==> flow/design.v <==
module ex_rf_rtl #(
    parameter NWORDS = 64,
    parameter W = 24,
    parameter ADDR_WIDTH = $clog2(NWORDS)
) (
    input  clock,
    input  wr,
    input  [ADDR_WIDTH-1:0] wr_addr,
    input  [W-1:0] wr_data,
    input  [ADDR_WIDTH-1:0] raddr1,
    input  [ADDR_WIDTH-1:0] raddr2,
    output [W-1:0] q1,
    output [W-1:0] q2
);
    reg wr_r;
    reg [ADDR_WIDTH-1:0] wr_addr_r;
    reg [W-1:0] wr_data_r;
    reg [W-1:0] ram [NWORDS-1:0];
    always @(posedge clock) begin
        if (wr_r)
            ram[wr_addr_r] <= wr_data_r;
    end
    reg [ADDR_WIDTH-1:0] raddr1_r;
    reg [ADDR_WIDTH-1:0] raddr2_r;
    assign q1 = (wr_r && wr_addr_r == raddr1_r) ? wr_data_r : ram[raddr1_r];
    assign q2 = (wr_r && wr_addr_r == raddr2_r) ? wr_data_r : ram[raddr2_r];
    always @(posedge clock) begin
        wr_r <= wr;
        wr_addr_r <= wr_addr;
        wr_data_r <= wr_data;
        raddr1_r <= raddr1;
        raddr2_r <= raddr2;
    end
endmodule
Tool chain data of ex_rf_rtl
Tool output for the design above, in the order of the flow.
Line numbers count from 1 in the design file above.
Operators carry their Yosys type and port widths (W data, S select, Z words).
Library cell names are shortened.
The mark n/a stands for no value.

inputs
  top = ex_rf_rtl
  clock = clock
  library = sky130hd
  corner = tt_025C_1v80

Word level
Counts by Yosys on the flattened word-level netlist (proc, flatten, opt, wreduce; memories kept). Print and check cells are left out. Cells with the same type and inputs are merged into one.
Yosys's memory passes give these memory sizes; they may raise the number of words (mostly to a power of two), join words into wider ones and drop unused or constant bits.

storage and ports
  register bits = 43
  bits in writable memories = 1536
  word width x clocked read ports = 48
  memories kept = 1
  input bits = 44
  output and inout bits = 48
  elaborated cells = 15

cells by class
  equal/unequal tests = 2
  muxes and demuxes = 5
  reduce/logical cells = 2

memory list
  name  depth  width  rd ports  write ports  line  text
  ram   64     24     2         1            18    reg [W-1:0] ram [NWORDS-1:0];

operators with widths
  cell                 number
  $mux W24             3
  $eq A6 B6 Y1         2
  $mux W6              1
  $logic_and A1 B1 Y1  2
  $mux W1              1

Longest topological paths
Longest topological path by Yosys (ltp), each cell counted once; first at word level (registers and memories cut), then after technology mapping (sequential cells cut; the memories' decode and read muxes count).

logic depth
  depth after elaboration = 3
  ABC_AREA = 0
  mapped depth = 10
  mapped depth without buffers = 5

After synthesis
Source: synth_stat.txt of the flow (Yosys; design flattened, memories mapped). It holds for the ABC_AREA given above (unset counts as 0); a run with the other value may have another netlist.
The area totals of this step are shown rounded.

cell types
  cell type  number  area in all (µm²)
  edfxtp_1   1536    4.61E+04
  mux2i_1    1165    1.17E+04
  mux4_2     214     4.82E+03
  a22oi_1    557     4181.51
  nand3_1    193     965.926
  dfxtp_1    43      860.826
  buf_2      154     770.739
  clkbuf_1   181     679.402
  mux2_2     47      529.258
  a21oi_1    92      460.442
  a41o_1     46      460.442
  a211o_1    46      402.886
  o211ai_1   46      345.331
  nor2_1     72      270.259
  nand2_1    66      247.738
  o21ai_0    29      145.139
  buf_1      30      112.608
  xnor2_1    10      87.584

Not listed: further types 23, cells in them 77.

mapped netlist
  cell count = 4604
  chip area (Yosys) = 73600 µm²
  sequential part of the area = 47000 µm²
  mapped flip-flops = 1579
  buffer cells = 372

Worst setup path after synthesis
OpenSTA on the mapped netlist: ideal clock, no wires. The path of least setup slack (recovery checks aside). Input and output delay are each 20% of the period. Register names are those of the netlist, which keeps one name where synthesis merged equal registers.

timing path post-synthesis
  kind = register to register
  start point = register wr_addr_r[5]
  end point = memory ram[48][0]
  period = 3950 ps
  setup time = 435 ps
  time at the first pin = 0 ps
  arrival = 2721 ps
  data required time = 3515 ps
  setup slack = 793 ps
  path delay = 3156 ps
  stages = 5
  path buffers = 1
  synthesis period reached = 3157 ps

"path delay" = arrival - input delay + setup time.
"stages": output pins that drive a net of the path, with the launching flip-flop's if there is one; two outputs of one cell count as two.
"synthesis period reached" is the clock period less the worst setup slack; recovery checks do not enter. This is arithmetic on one report: input and output delays are still those of the set period (20% each).
The rows between start and end are the longest chain of elaborated cells between them; the timing report does not say that the signal goes this way. Where chains are equally long, one stands for them.
A line is the first line of the expression or statement that the cell stems from. Yosys adds cells for indexed reads and writes and turns some case tables into memories.

between the ends, post-synthesis
  path through = dfxtp_1 -> clkbuf_1 -> nand3_1 -> or3_1 -> nor3_1
  length of the longest elaborated chain = 1
  elaborated cells on any way between the ends = 1
  source lines of those cells = 1
  those cells by class = mux: 1

ends and longest elaborated chain, post-synthesis
  element          line  text
  start, declared  16    reg [ADDR_WIDTH-1:0] wr_addr_r;
  start, assigned  29    wr_addr_r <= wr_addr;
  $mux W6          20    if (wr_r)
  end, declared    18    reg [W-1:0] ram [NWORDS-1:0];

Worst path after layout
Path of least setup slack in the final report of stored run 2 (OpenROAD, finished layout, wires in). Where an end is a register, its clock arrival counts in the times.
The report prints the path's times to 10 ps; the period is as set.

timing path post-layout
  kind = register to output
  start point = register raddr2_r[2]
  end point = output q2[5]
  period = 3950 ps
  external output delay = 790 ps
  time at the first pin = 810 ps
  arrival = 3370 ps
  data required time = 3160 ps
  setup slack = -210 ps
  stages = 11
  path buffers = 5

The rows between start and end are the longest chain of elaborated cells between them; the timing report does not say that the signal goes this way. Where chains are equally long, one stands for them.

between the ends, post-layout
  path through = dfxtp_4 -> buf_12 -> buf_16 -> buf_12 -> clkbuf_16 -> mux2i_1 -> a22oi_1 -> a21oi_2 -> a211o_4 -> o211ai_1 -> buf_2
  length of the longest elaborated chain = 3
  elaborated cells on any way between the ends = 3
  source lines of those cells = 1
  those cells by class = eq/ne: 1; mux: 1; reduce/logical: 1

ends and longest elaborated chain, post-layout
  element              line  text
  start, declared      24    reg [ADDR_WIDTH-1:0] raddr2_r;
  start, assigned      32    raddr2_r <= raddr2;
  $eq A6 B6 Y1         26    assign q2 = (wr_r && wr_addr_r == raddr2_r) ? wr_data_r : ram[raddr2_r];
  $logic_and A1 B1 Y1  26
  $mux W24             26
  end, declared        13    output [W-1:0] q2

Add stored flow runs of ex_rf_rtl

Below are 3 stored runs of the flow (Yosys, OpenROAD; platform sky130hd) on ex_rf_rtl, each with its settings and what was measured, unordered. Constraints: input delay and output delay 20% of the set period each, output load 0.01 pF.
"achieved clock period": clock period set for the run, less the worst setup slack. It is reckoned from that one timing run; input and output delays stay at 20% of the period that was set.
"worst setup path time" = time allowed to the worst setup path (clock period - input delay - output delay, where it has them) - its slack; a late launch clock adds to it, a late capture clock takes from it.
"worst setup path time" is given in steps of 10 ps.
The measured numbers are rounded.

Stored run 1
==> flow/run.sh <==
#!/bin/bash
# the make line also repeats the synthesis and layout settings of config.mk as NAME=value (left out here)
make -C /OpenROAD-flow-scripts/flow DESIGN_CONFIG=/design/flow/config.mk WORK_HOME=/design/flow/orfs CLKGATE_MAP_FILE= finish
==> flow/config.mk <==
export PLATFORM = sky130hd
export DESIGN_NAME = ex_rf_rtl
export DESIGN_NICKNAME = ex_rf_rtl
export VERILOG_FILES = /design/flow/design.v
export SDC_FILE = /design/flow/constraint.sdc
export NUM_CORES = 4
export LEC_CHECK = 0
export CAP_MARGIN = 20
export CELL_PAD_IN_SITES_GLOBAL_PLACEMENT = 0
export CORE_MARGIN = 2
export CORE_UTILIZATION = 62
export GPL_ROUTABILITY_DRIVEN = 0
export MIN_ROUTING_LAYER = met2
export PLACE_DENSITY_LB_ADDON = 0.06
export SETUP_SLACK_MARGIN = -0.36
export SLEW_MARGIN = 10
==> flow/constraint.sdc <==
create_clock -name core_clock -period 3.8 [get_ports {clock}]
set_input_delay 0.7600 -clock core_clock [delete_from_list [all_inputs] [get_ports {clock}]]
set_output_delay 0.7600 -clock core_clock [all_outputs]
set_load 0.01 [all_outputs]

==> results of stored run 1 <==
did not finish, routing stopped with GRT-0232

Stored run 2
==> flow/run.sh <==
#!/bin/bash
# the make line also repeats the synthesis and layout settings of config.mk as NAME=value (left out here)
make -C /OpenROAD-flow-scripts/flow DESIGN_CONFIG=/design/flow/config.mk WORK_HOME=/design/flow/orfs CLKGATE_MAP_FILE= finish
==> flow/config.mk <==
export PLATFORM = sky130hd
export DESIGN_NAME = ex_rf_rtl
export DESIGN_NICKNAME = ex_rf_rtl
export VERILOG_FILES = /design/flow/design.v
export SDC_FILE = /design/flow/constraint.sdc
export NUM_CORES = 4
export LEC_CHECK = 0
export CAP_MARGIN = 20
export CORE_MARGIN = 2
export CORE_UTILIZATION = 40
export SLEW_MARGIN = 20
==> flow/constraint.sdc <==
create_clock -name core_clock -period 3.95 [get_ports {clock}]
set_input_delay 0.7900 -clock core_clock [delete_from_list [all_inputs] [get_ports {clock}]]
set_output_delay 0.7900 -clock core_clock [all_outputs]
set_load 0.01 [all_outputs]

==> results of stored run 2 <==
chip area after synthesis (Yosys): 73600 µm²
die area: 188000 µm²
standard-cell area of the final layout: 92200 µm²
worst setup slack after layout: -206 ps
total negative slack: -2860 ps
worst hold slack: 393 ps
achieved clock period: 4156 ps
worst setup path time: 3370 ps
worst setup path kind: register to output

Stored run 3
==> flow/run.sh <==
#!/bin/bash
# the make line also repeats the synthesis and layout settings of config.mk as NAME=value (left out here)
make -C /OpenROAD-flow-scripts/flow DESIGN_CONFIG=/design/flow/config.mk WORK_HOME=/design/flow/orfs CLKGATE_MAP_FILE= finish
==> flow/config.mk <==
export PLATFORM = sky130hd
export DESIGN_NAME = ex_rf_rtl
export DESIGN_NICKNAME = ex_rf_rtl
export VERILOG_FILES = /design/flow/design.v
export SDC_FILE = /design/flow/constraint.sdc
export NUM_CORES = 4
export LEC_CHECK = 0
export ABC_AREA = 0
export CAP_MARGIN = 25
export CORE_ASPECT_RATIO = 0.67
export CORE_MARGIN = 2
export CORE_UTILIZATION = 17
export CTS_CLUSTER_SIZE = 19
export MAX_ROUTING_LAYER = met4
export PLACE_DENSITY = 0.57
export SETUP_SLACK_MARGIN = -0.15
export SLEW_MARGIN = 20
==> flow/constraint.sdc <==
create_clock -name core_clock -period 6.13 [get_ports {clock}]
set_input_delay 1.2260 -clock core_clock [delete_from_list [all_inputs] [get_ports {clock}]]
set_output_delay 1.2260 -clock core_clock [all_outputs]
set_load 0.01 [all_outputs]

==> results of stored run 3 <==
chip area after synthesis (Yosys): 73600 µm²
die area: 439000 µm²
standard-cell area of the final layout: 87800 µm²
worst setup slack after layout: 162 ps
total negative slack: 0 ps
worst hold slack: 602 ps
achieved clock period: 5968 ps
worst setup path time: 4740 ps
worst setup path kind: register to output
